==> flow/design.v <==
module fa (
  input wire a,
  input wire b,
  input wire ci,
  output wire s,
  output wire co
);
  assign {co, s} = a + b + ci;
endmodule
module summer #(
  parameter WD = 112
) (
  input wire clk_i,
  input wire rst_n,
  input wire step,
  input wire [WD-1:0] A_in,
  input wire [WD-1:0] B_in,
  input wire c0_in,
  output wire [WD-1:0] out_out,
  output wire cy_out
);
  reg [WD-1:0] r_A;
  reg [WD-1:0] r_B;
  reg r_c0;
  wire [WD-1:0] tmp;
  wire [WD:0] carry;
  assign carry[0] = r_c0;
  genvar g;
  generate
    for (g = 0; g < WD; g = g + 1) begin : row
      fa u0 (.a(r_A[g]), .b(r_B[g]), .ci(carry[g]), .s(tmp[g]), .co(carry[g+1]));
    end
  endgenerate
  assign out_out = tmp;
  assign cy_out = carry[WD];
  always @(posedge clk_i) begin
    if (~rst_n) begin
      r_A <= 0;
      r_B <= 0;
      r_c0 <= 1'b0;
    end else if (step) begin
      r_A <= A_in;
      r_B <= B_in;
      r_c0 <= c0_in;
    end
  end
endmodule
# From RTL to reports: summer
# Tool output for the design above, in the order of the flow.
# Line numbers count from 1 in the design file above.
# Operators: Yosys type, input widths -> output width; for muxes data width and select width s.
# Library cell names are shortened.
# The mark n/a stands for no value.
# design
top_module	summer
clk_port	clk_i
lib	sky130hd
lib_corner	tt_025C_1v80

# Elaborated design
# Source: Yosys, flattened and elaborated, memories not mapped. Widths are those after wreduce; folded enables and synchronous resets count as part of the registers. Registers that Yosys merges into a memory's read port (data or address) are not register bits. Print and check cells do not count. Equal cells are merged and count once.
# word_totals
regBits	225
input_bits	228
# classes
n_addsub	224
# op_table
operator	count
$add 1x1->2	112
$add 2x1->2	112

# Longest topological paths
# Yosys ltp: most cells in a row. Word level: on the elaborated netlist, between registers, memories and ports. Mapped: between sequential cells and ports; inverters and the memories' decode and read muxes count.
# logic_depth
ltp_word	113
ABC_AREA	0
depth_mapped	117

# Synthesis result
# Yosys stat after the flow's synthesis: flattened, memories mapped to cells. It holds for the ABC_AREA given above (unset counts as 0); a run with the other value may have another netlist.
# by_type
cell_type	count	area_total_um2
dfxtp_1	225	4504.32
mux2i_1	225	2252.16
fa_1	112	2242.15
nor2b_1	225	1407.6
buf_4	120	900.864
buf_6	17	191.434
clkbuf_1	22	82.579
inv_1	10	37.536
buf_2	3	15.014
# mapped
mapped_cells	959
yosys_area_um2	11633.7
seqArea_um2	4504.3
ffs	225
buffers	162
# The figures by module come from a second, unflattened synthesis with its own total; it is not the netlist above.
# unflattened
hier_cells	837
area_unflattened_um2	10755.3
# Rows give one instance, submodules left out.
# by_module
mod	instances	n_cells	mod_area_um2
summer	1	725	8513.2
fa	112	1	20.0

# Path before layout
# Source: OpenSTA report_checks on the synthesized netlist (no wires, ideal clock, input and output delay 20% of the period each), path of least setup slack; recovery checks are left aside. Register names are those of the netlist, which keeps one name where synthesis merged equal registers.
# synth_timing
path_kind	reg-to-output
from	register r_c0
to	output out_out[111]
clock_period_ns	67.0
arrival_ns	42.907
required_ns	53.600
path_slack_ns	10.693
path_delay_ns	42.907
driving_pins	118
synth_period_reached_ns	56.307
# "path_delay_ns" = arrival - input delay + setup time.
# At an output port there is no setup time.
# "driving_pins" counts driving pins, that of a launching flip-flop among them; a cell with two outputs on the path counts twice.
# "synth_period_reached_ns" is the clock period less the worst setup slack; recovery checks do not enter. This is arithmetic on one report: input and output delays are still those of the set period (20% each).
# Between the ends stands the longest chain of elaborated cells between them, by number of cells; it is not shown to be the way that was timed. Of several equally long chains one is given.
# Each line given opens the expression or statement behind the cell; cells for indexed reads and writes are added by Yosys, which also makes memories of some case tables.
# synth_via
cell_sequence	dfxtp_1 -> inv_1 -> fa_1 -> inv_1 -> fa_1 -> fa_1 -> fa_1 -> fa_1 -> fa_1 -> fa_1 -> fa_1 -> fa_1 -> fa_1 -> fa_1 -> fa_1 -> fa_1 -> fa_1 -> fa_1 -> (+82 left out) -> fa_1 -> fa_1 -> fa_1 -> fa_1 -> fa_1 -> fa_1 -> fa_1 -> fa_1 -> fa_1 -> fa_1 -> fa_1 -> fa_1 -> fa_1 -> fa_1 -> inv_1 -> fa_1 -> inv_1 -> buf_4
elab_chain_cells	112
# synth_rtl
element	line_no	rtl
start: declaration	24	reg r_c0;
start: assignment	40	r_c0 <= 1'b0;
start: assignment	44	r_c0 <= c0_in;
$add 2x1->2 x112	8	assign {co, s} = a + b + ci;
end: declaration	19	output wire [WD-1:0] out_out,

# Worst path after layout
# From the final timing report of run 1: the path of least setup slack in the routed layout; clock arrival at registers is part of the times.
# layout_timing
path_kind	reg-to-output
from	register r_c0
to	output out_out[111]
clock_period_ns	35.6
arrival_ns	42.74
required_ns	28.48
path_slack_ns	-14.26
driving_pins	119
# Between the ends stands the longest chain of elaborated cells between them, by number of cells; it is not shown to be the way that was timed. Of several equally long chains one is given.
# layout_via
cell_sequence	dfxtp_2 -> inv_2 -> fa_2 -> inv_2 -> fa_2 -> fa_2 -> fa_2 -> fa_2 -> fa_2 -> fa_2 -> fa_2 -> fa_2 -> fa_2 -> fa_2 -> fa_2 -> fa_2 -> fa_2 -> fa_2 -> (+83 left out) -> fa_2 -> fa_2 -> fa_2 -> fa_2 -> fa_2 -> fa_2 -> fa_2 -> fa_2 -> fa_2 -> fa_2 -> fa_2 -> fa_2 -> fa_2 -> inv_2 -> fa_1 -> inv_1 -> buf_4 -> buf_4
elab_chain_cells	112
# layout_rtl
element	line_no	rtl
start: declaration	24	reg r_c0;
start: assignment	40	r_c0 <= 1'b0;
start: assignment	44	r_c0 <= c0_in;
$add 2x1->2 x112	8	assign {co, s} = a + b + ci;
end: declaration	19	output wire [WD-1:0] out_out,

# Below are 3 stored runs of the flow (Yosys, OpenROAD; platform sky130hd) on summer, each with its settings and what was measured, unordered. Constraints: input delay and output delay 20% of the set period each, output load 0.01 pF.
# By "achievedPeriod_ns" is meant the clock period of the run minus its worst setup slack. This is arithmetic on one report: input and output delays are still those of the set period (20% each).
# "design_power_uw": no workload was simulated; the value follows from the tool's default switching activity.
# A setting shown as n/a is not set for that run.
# Among the results, n/a means that no value is shown for the run.
name,run 1,run 2,run 3
period_ns,35.6,62.1,67.0
CORE_UTILIZATION,21,55,40
SETUP_SLACK_MARGIN,5.0,1.49,n/a
CORE_ASPECT_RATIO,1.26,0.97,n/a
CELL_PAD_IN_SITES_GLOBAL_PLACEMENT,1,0,n/a
CELL_PAD_IN_SITES_DETAIL_PLACEMENT,0,2,n/a
TNS_END_PERCENT,100,95,n/a
GPL_TIMING_DRIVEN,0,n/a,n/a
MIN_ROUTING_LAYER,met1,n/a,n/a
MAX_ROUTING_LAYER,met5,n/a,n/a
CAP_MARGIN,20,35,20
CORE_MARGIN,2,2,2
SLEW_MARGIN,20,0,20
CTS_CLUSTER_DIAMETER,n/a,60,n/a
worst_setup_slack_ns,-14.258,n/a,6.594
synthesis_area_um2,11633.7,n/a,11633.7
design.die.area_um2,57309.0,n/a,30464.2
final_cell_area_um2,17443.0,n/a,15260.9
achievedPeriod_ns,49.858,n/a,60.406
design_power_uw,759.7,n/a,364.4
timing.hold.ws_ns,0.520,n/a,0.520
finalUtil_pct,31.9,n/a,53.2
# Run 2: incomplete, placement halted on DPL-0033
